==> flow/design.v <==
module core_multiplier_top_add_row #(parameter N = 4) (
    input wire [N-1:0] a,
    input wire sel,
    input wire [N-1:0] pin,
    output wire [N:0] pout
);
    assign pout = pin + (a & {N{sel}});
endmodule
module core_multiplier_top #(
    parameter WD = 5
) (
    input wire CLK,
    input wire RSTN,
    input wire ce,
    input wire [WD-1:0] A,
    input wire [WD-1:0] B,
    output wire [2*WD-1:0] result
);
    reg [WD-1:0] A_r;
    always @(posedge CLK) begin
        if (~RSTN) begin
            A_r <= 0;
        end else if (ce) begin
            A_r <= A;
        end
    end
    reg [WD-1:0] B_r;
    always @(posedge CLK) begin
        if (~RSTN) begin
            B_r <= 0;
        end else if (ce) begin
            B_r <= B;
        end
    end
    wire [WD:0] n_ [0:WD];
    wire [WD-1:0] lo;
    assign n_[0] = 0;
    genvar k;
    generate
        for (k = 0; k < WD; k = k + 1) begin : stage
            core_multiplier_top_add_row #(.N(WD)) unit (.a(A_r), .sel(B_r[k]), .pin(n_[k][WD:1]), .pout(n_[k+1]));
            assign lo[k] = n_[k+1][0];
        end
    endgenerate
    assign result = {n_[WD][WD:1], lo};
endmodule
# From RTL to reports: core_multiplier_top
# Module core_multiplier_top in several versions that differ in "WD"; each step lists the members.
# The RTL above is that of WD = 5; lines are counted from 1 in the file of the member named.
# Cell names lack the library's common part.
# A cell with - has no value.
[setup]
design = "core_multiplier_top"
clk_port = "CLK"
cell_library = "sky130hd"
pvt_corner = "tt_025C_1v80"

# Members of the sweep
# Lines of each other member's file that are new or changed against the file above; lines that a member lacks are not shown.
[src_changes]
columns = ["WD", "line", "source"]
rows = [
  [7, 10, "parameter WD = 7"],
  [8, 10, "parameter WD = 8"],
  [12, 10, "parameter WD = 12"],
  [14, 10, "parameter WD = 14"],
  [20, 10, "parameter WD = 20"],
]

# Word level
# Counts by Yosys on the flattened word-level netlist (proc, flatten, opt, wreduce; memories kept). Register bits leave out memories and registers merged into their read ports (data or address); mux counts leave out enables and synchronous resets folded into registers. Print and check cells are left out. Cells with the same type and inputs are merged into one.
[bits]
columns = ["WD", "regBits", "input_bits", "out_inout_bits", "word_cells"]
rows = [
  [5, 10, 13, 10, 11],
  [7, 14, 17, 14, 15],
  [8, 16, 19, 16, 17],
  [12, 24, 27, 24, 25],
  [14, 28, 31, 28, 29],
  [20, 40, 43, 40, 41],
]
[op_classes]
columns = ["WD", "add_sub_neg", "bitwise"]
rows = [
  [5, 4, 5],
  [7, 6, 7],
  [8, 7, 8],
  [12, 11, 12],
  [14, 13, 14],
  [20, 19, 20],
]
[ops]
columns = ["WD", "op_list"]
rows = [
  [5, "5 x AND 5 bit; 3 x adder 5 x 6 -> 6 bit; 1 x adder 4 x 6 -> 6 bit"],
  [7, "7 x AND 7 bit; 5 x adder 7 x 8 -> 8 bit; 1 x adder 6 x 8 -> 8 bit"],
  [8, "8 x AND 8 bit; 6 x adder 8 x 9 -> 9 bit; 1 x adder 7 x 9 -> 9 bit"],
  [12, "12 x AND 12 bit; 10 x adder 12 x 13 -> 13 bit; 1 x adder 11 x 13 -> 13 bit"],
  [14, "14 x AND 14 bit; 12 x adder 14 x 15 -> 15 bit; 1 x adder 13 x 15 -> 15 bit"],
  [20, "20 x AND 20 bit; 18 x adder 20 x 21 -> 21 bit; 1 x adder 19 x 21 -> 21 bit"],
]

# Depth
# Longest topological path by Yosys (ltp), each cell counted once; first at word level (registers and memories cut), then after technology mapping (sequential cells cut; the memories' decode and read muxes count).
[logic_depth]
columns = ["WD", "ltp_word", "ABC_AREA", "depth_mapped", "ltp_nobuf"]
rows = [
  [5, 5, 0, 17, 17],
  [7, 7, 0, 31, 30],
  [8, 8, 0, 38, 38],
  [12, 12, 0, 67, 64],
  [14, 14, 0, 77, 75],
  [20, 20, 0, 114, 112],
]

# Netlist
# Source: synth_stat.txt of the flow (Yosys; design flattened, memories mapped). It holds for the ABC_AREA given above (unset counts as 0); a run with the other value may have another netlist.
[mapped]
columns = ["WD", "cells", "mapped_area_mm2", "seqArea_mm2", "ffs", "buf_cells"]
rows = [
  [5, 128, 0.0011761, 0.0002002, 10, 1],
  [7, 297, 0.002391, 0.0002803, 14, 4],
  [8, 377, 0.0030917, 0.0003203, 16, 3],
  [12, 1068, 0.0079163, 0.0004805, 24, 37],
  [14, 1426, 0.0104938, 0.0005605, 28, 43],
  [20, 2886, 0.0209651, 0.0008008, 40, 102],
]
[by_type]
columns = ["WD", "cell_types"]
rows = [
  [5, "20 x ha_1; 10 x dfxtp_1; 23 x and2_1; 10 x mux2i_1; 4 x fa_1; 8 x xnor2_1; 10 x nor2b_1; 4 x xor2_1; 3 x a21oi_2; 5 x a21oi_1; 3 x a21o_1; 6 x nor2_1; 2 x a211o_1; 2 x o21ai_2; 4 x inv_1; 2 x o211ai_1; 1 x a211oi_2; 3 x nand2_1; [+8]"],
  [7, "41 x ha_1; 14 x dfxtp_1; 44 x and2_1; 28 x nor2b_1; 15 x mux2i_1; 17 x xnor2_1; 24 x a21oi_1; 6 x fa_1; 21 x inv_1; 14 x o21ai_0; 13 x nand2_1; 5 x xor2_1; 4 x a311o_1; 10 x nor2_1; 4 x o31a_1; 4 x a21o_1; 4 x o21a_1; 4 x a31oi_1; [+25]"],
  [8, "55 x ha_1; 59 x and2_1; 16 x dfxtp_1; 26 x xnor2_1; 17 x mux2i_1; 7 x fa_1; 22 x nor2b_1; 31 x inv_1; 12 x a21o_1; 17 x a21oi_1; 10 x o21bai_1; 8 x xor2_1; 18 x nor2_1; 7 x a21oi_2; 12 x o21ai_0; 15 x nand2_1; 5 x o21ai_2; 6 x a31oi_1; [+34]"],
  [12, "134 x ha_1; 133 x and2_1; 75 x xnor2_1; 24 x dfxtp_1; 72 x a21oi_1; 40 x a21o_1; 48 x nor2b_1; 58 x o21ai_0; 65 x nor2_1; 24 x mux2i_1; 11 x fa_1; 53 x inv_1; 53 x nand2_1; 24 x a211oi_1; 18 x o21a_1; 35 x clkbuf_1; 23 x nor3_1; 15 x nand2b_1; [+163]"],
  [14, "181 x ha_1; 191 x and2_1; 86 x xnor2_1; 114 x a21oi_1; 28 x dfxtp_1; 61 x a21o_1; 84 x o21ai_0; 57 x nor2b_1; 92 x nor2_1; 38 x xor2_1; 30 x mux2i_1; 75 x inv_1; 71 x nand2_1; 13 x fa_1; 31 x o21a_1; 23 x a211oi_1; 39 x clkbuf_1; 21 x nor3_1; [+191]"],
  [20, "379 x ha_1; 388 x and2_1; 235 x xnor2_1; 280 x a21oi_1; 159 x a21o_1; 40 x dfxtp_1; 77 x xor2_1; 167 x nor2_1; 88 x nor2b_1; 139 x inv_1; 127 x nand2_1; 59 x o21a_1; 41 x mux2i_1; 77 x o21ai_0; 19 x fa_1; 98 x clkbuf_1; 68 x o21ai_1; 37 x o21bai_1; [+408]"],
]
# A list marked [+n] leaves out that many cells.
# The figures by module come from a second, unflattened synthesis with its own total; it is not the netlist above.
[hier_totals]
columns = ["WD", "cells_unflattened", "area_unflattened_mm2"]
rows = [
  [5, 142, 0.0013288],
  [7, 354, 0.0028415],
  [8, 452, 0.0036122],
  [12, 1182, 0.0093715],
  [14, 1644, 0.0116937],
  [20, 3870, 0.027111],
]

# Timing after synthesis
# OpenSTA on the mapped netlist: ideal clock, no wires. The path of least setup slack (recovery checks aside). Input and output delay are each 20% of the period. Register names are those of the netlist, which keeps one name where synthesis merged equal registers.
[synth_path]
columns = ["WD", "path_kind", "start", "end", "clock_period_ns", "path_slack_ns", "stages", "path_delay_ns", "period_less_setup_slack_ns"]
rows = [
  [5, "flip-flop to output port", "register B_r[1]", "output port result[8]", 5.6, 0.897, 14, 3.583, 4.703],
  [7, "flip-flop to output port", "register B_r[1]", "output port result[11]", 9.09, 1.452, 32, 5.820, 7.638],
  [8, "flip-flop to output port", "register A_r[1]", "output port result[14]", 9.95, 1.593, 37, 6.367, 8.357],
  [12, "flip-flop to output port", "register A_r[1]", "output port result[23]", 19.0, 3.027, 61, 12.173, 15.973],
  [14, "flip-flop to output port", "register B_r[1]", "output port result[26]", 21.2, 3.408, 72, 13.552, 17.792],
  [20, "flip-flop to output port", "register A_r[1]", "output port result[38]", 31.5, 5.031, 108, 20.169, 26.469],
]
# "path_delay_ns" = arrival - input delay + setup time.
# A path that ends at an output port has no setup time.
# "stages": output pins that drive a net of the path, with the launching flip-flop's if there is one; two outputs of one cell count as two.
# "period_less_setup_slack_ns" = period - worst setup slack (recovery checks aside). The figure is calculated, with input and output delays left at 20% of the set period.
# The rows between start and end are the longest chain of elaborated cells between them; the timing report does not say that the signal goes this way. Where chains are equally long, one stands for them.
# A line is the first line of the expression or statement that the cell stems from. Yosys adds cells for indexed reads and writes and turns some case tables into memories.
[synth_via_WD_5]
elab_chain_len = 5
[synth_rtl_WD_5]
columns = ["item", "line", "source"]
rows = [
  ["start, declared", 27, "reg [WD-1:0] B_r;"],
  ["start, assigned", 30, "B_r <= 0;"],
  ["start, assigned", 32, "B_r <= B;"],
  ["AND 5 bit", 7, "assign pout = pin + (a & {N{sel}});"],
  ["adder 4 x 6 -> 6 bit", 7, ""],
  ["adder 5 x 6 -> 6 bit x3", 7, ""],
  ["end, declared", 17, "output wire [2*WD-1:0] result"],
]
[synth_via_WD_20]
elab_chain_len = 20
[synth_rtl_WD_20]
columns = ["item", "line", "source"]
rows = [
  ["start, declared", 19, "reg [WD-1:0] A_r;"],
  ["start, assigned", 22, "A_r <= 0;"],
  ["start, assigned", 24, "A_r <= A;"],
  ["AND 20 bit", 7, "assign pout = pin + (a & {N{sel}});"],
  ["adder 19 x 21 -> 21 bit", 7, ""],
  ["adder 20 x 21 -> 21 bit x18", 7, ""],
  ["end, declared", 17, "output wire [2*WD-1:0] result"],
]

# Timing after layout
# From the final timing report of each member's run: the path of least setup slack in the routed layout; clock arrival at registers is part of the times.
[layout_path]
columns = ["WD", "path_kind", "start", "end", "clock_period_ns", "path_slack_ns", "stages", "t_arrival_ns", "path_buffers"]
rows = [
  [5, "flip-flop to output port", "register B_r[0]", "output port result[8]", 5.6, 0.29, 15, 4.19, 1],
  [7, "flip-flop to output port", "register A_r[1]", "output port result[13]", 9.09, 0.55, 32, 6.72, 1],
  [8, "flip-flop to output port", "register A_r[1]", "output port result[15]", 9.95, 0.60, 32, 7.36, 1],
  [12, "flip-flop to output port", "register A_r[0]", "output port result[23]", 19.0, 1.17, 61, 14.03, 1],
  [14, "flip-flop to output port", "register B_r[1]", "output port result[26]", 21.2, 1.28, 72, 15.68, 1],
  [20, "flip-flop to output port", "register A_r[0]", "output port result[38]", 31.5, 1.66, 108, 23.54, 2],
]

# Flow runs
# One run of the flow (Yosys, OpenROAD) for each member, with settings and measured results. Input and output delays are each 20% of the period that was set; the output load is 0.01 pF.
[flow_settings]
CAP_MARGIN = 20
CORE_MARGIN = 2
CORE_UTILIZATION = 40
SLEW_MARGIN = 20
[settings_by_member]
columns = ["WD", "period_ns"]
rows = [
  [5, 5.6],
  [7, 9.09],
  [8, 9.95],
  [12, 19.0],
  [14, 21.2],
  [20, 31.5],
]
[measured]
columns = ["WD", "synthesis_area_mm2", "design.die.area_mm2", "finish.stdcell_area_mm2", "finish.utilization_frac", "setup_ws_ns", "fin_tns_ns", "timing.hold.ws_ns", "design_power_mw", "timing.achieved_period_ns"]
rows = [
  [5, 0.0011761, 0.0033902, 0.0015152, 0.545, 0.285, 0.000, 0.553, 0.1730, 5.315],
  [7, 0.002391, 0.0066121, 0.0028865, 0.493, 0.553, 0.000, 0.565, 0.1999, 8.537],
  [8, 0.0030917, 0.0084484, 0.0036522, 0.48, 0.597, 0.000, 0.570, 0.2124, 9.353],
  [12, 0.0079163, 0.0209323, 0.0086971, 0.447, 1.165, 0.000, 0.600, 0.3193, 17.835],
  [14, 0.0104938, 0.027546, 0.011491, 0.443, 1.284, 0.000, 0.643, 0.3107, 19.916],
  [20, 0.0209651, 0.054261, 0.0226342, 0.439, 1.661, 0.000, 0.676, 0.5180, 29.839],
]
# "timing.achieved_period_ns" = clock period - worst setup slack. The figure is calculated, with input and output delays left at 20% of the set period.
# "design_power_mw": no workload was simulated; the value follows from the tool's default switching activity.
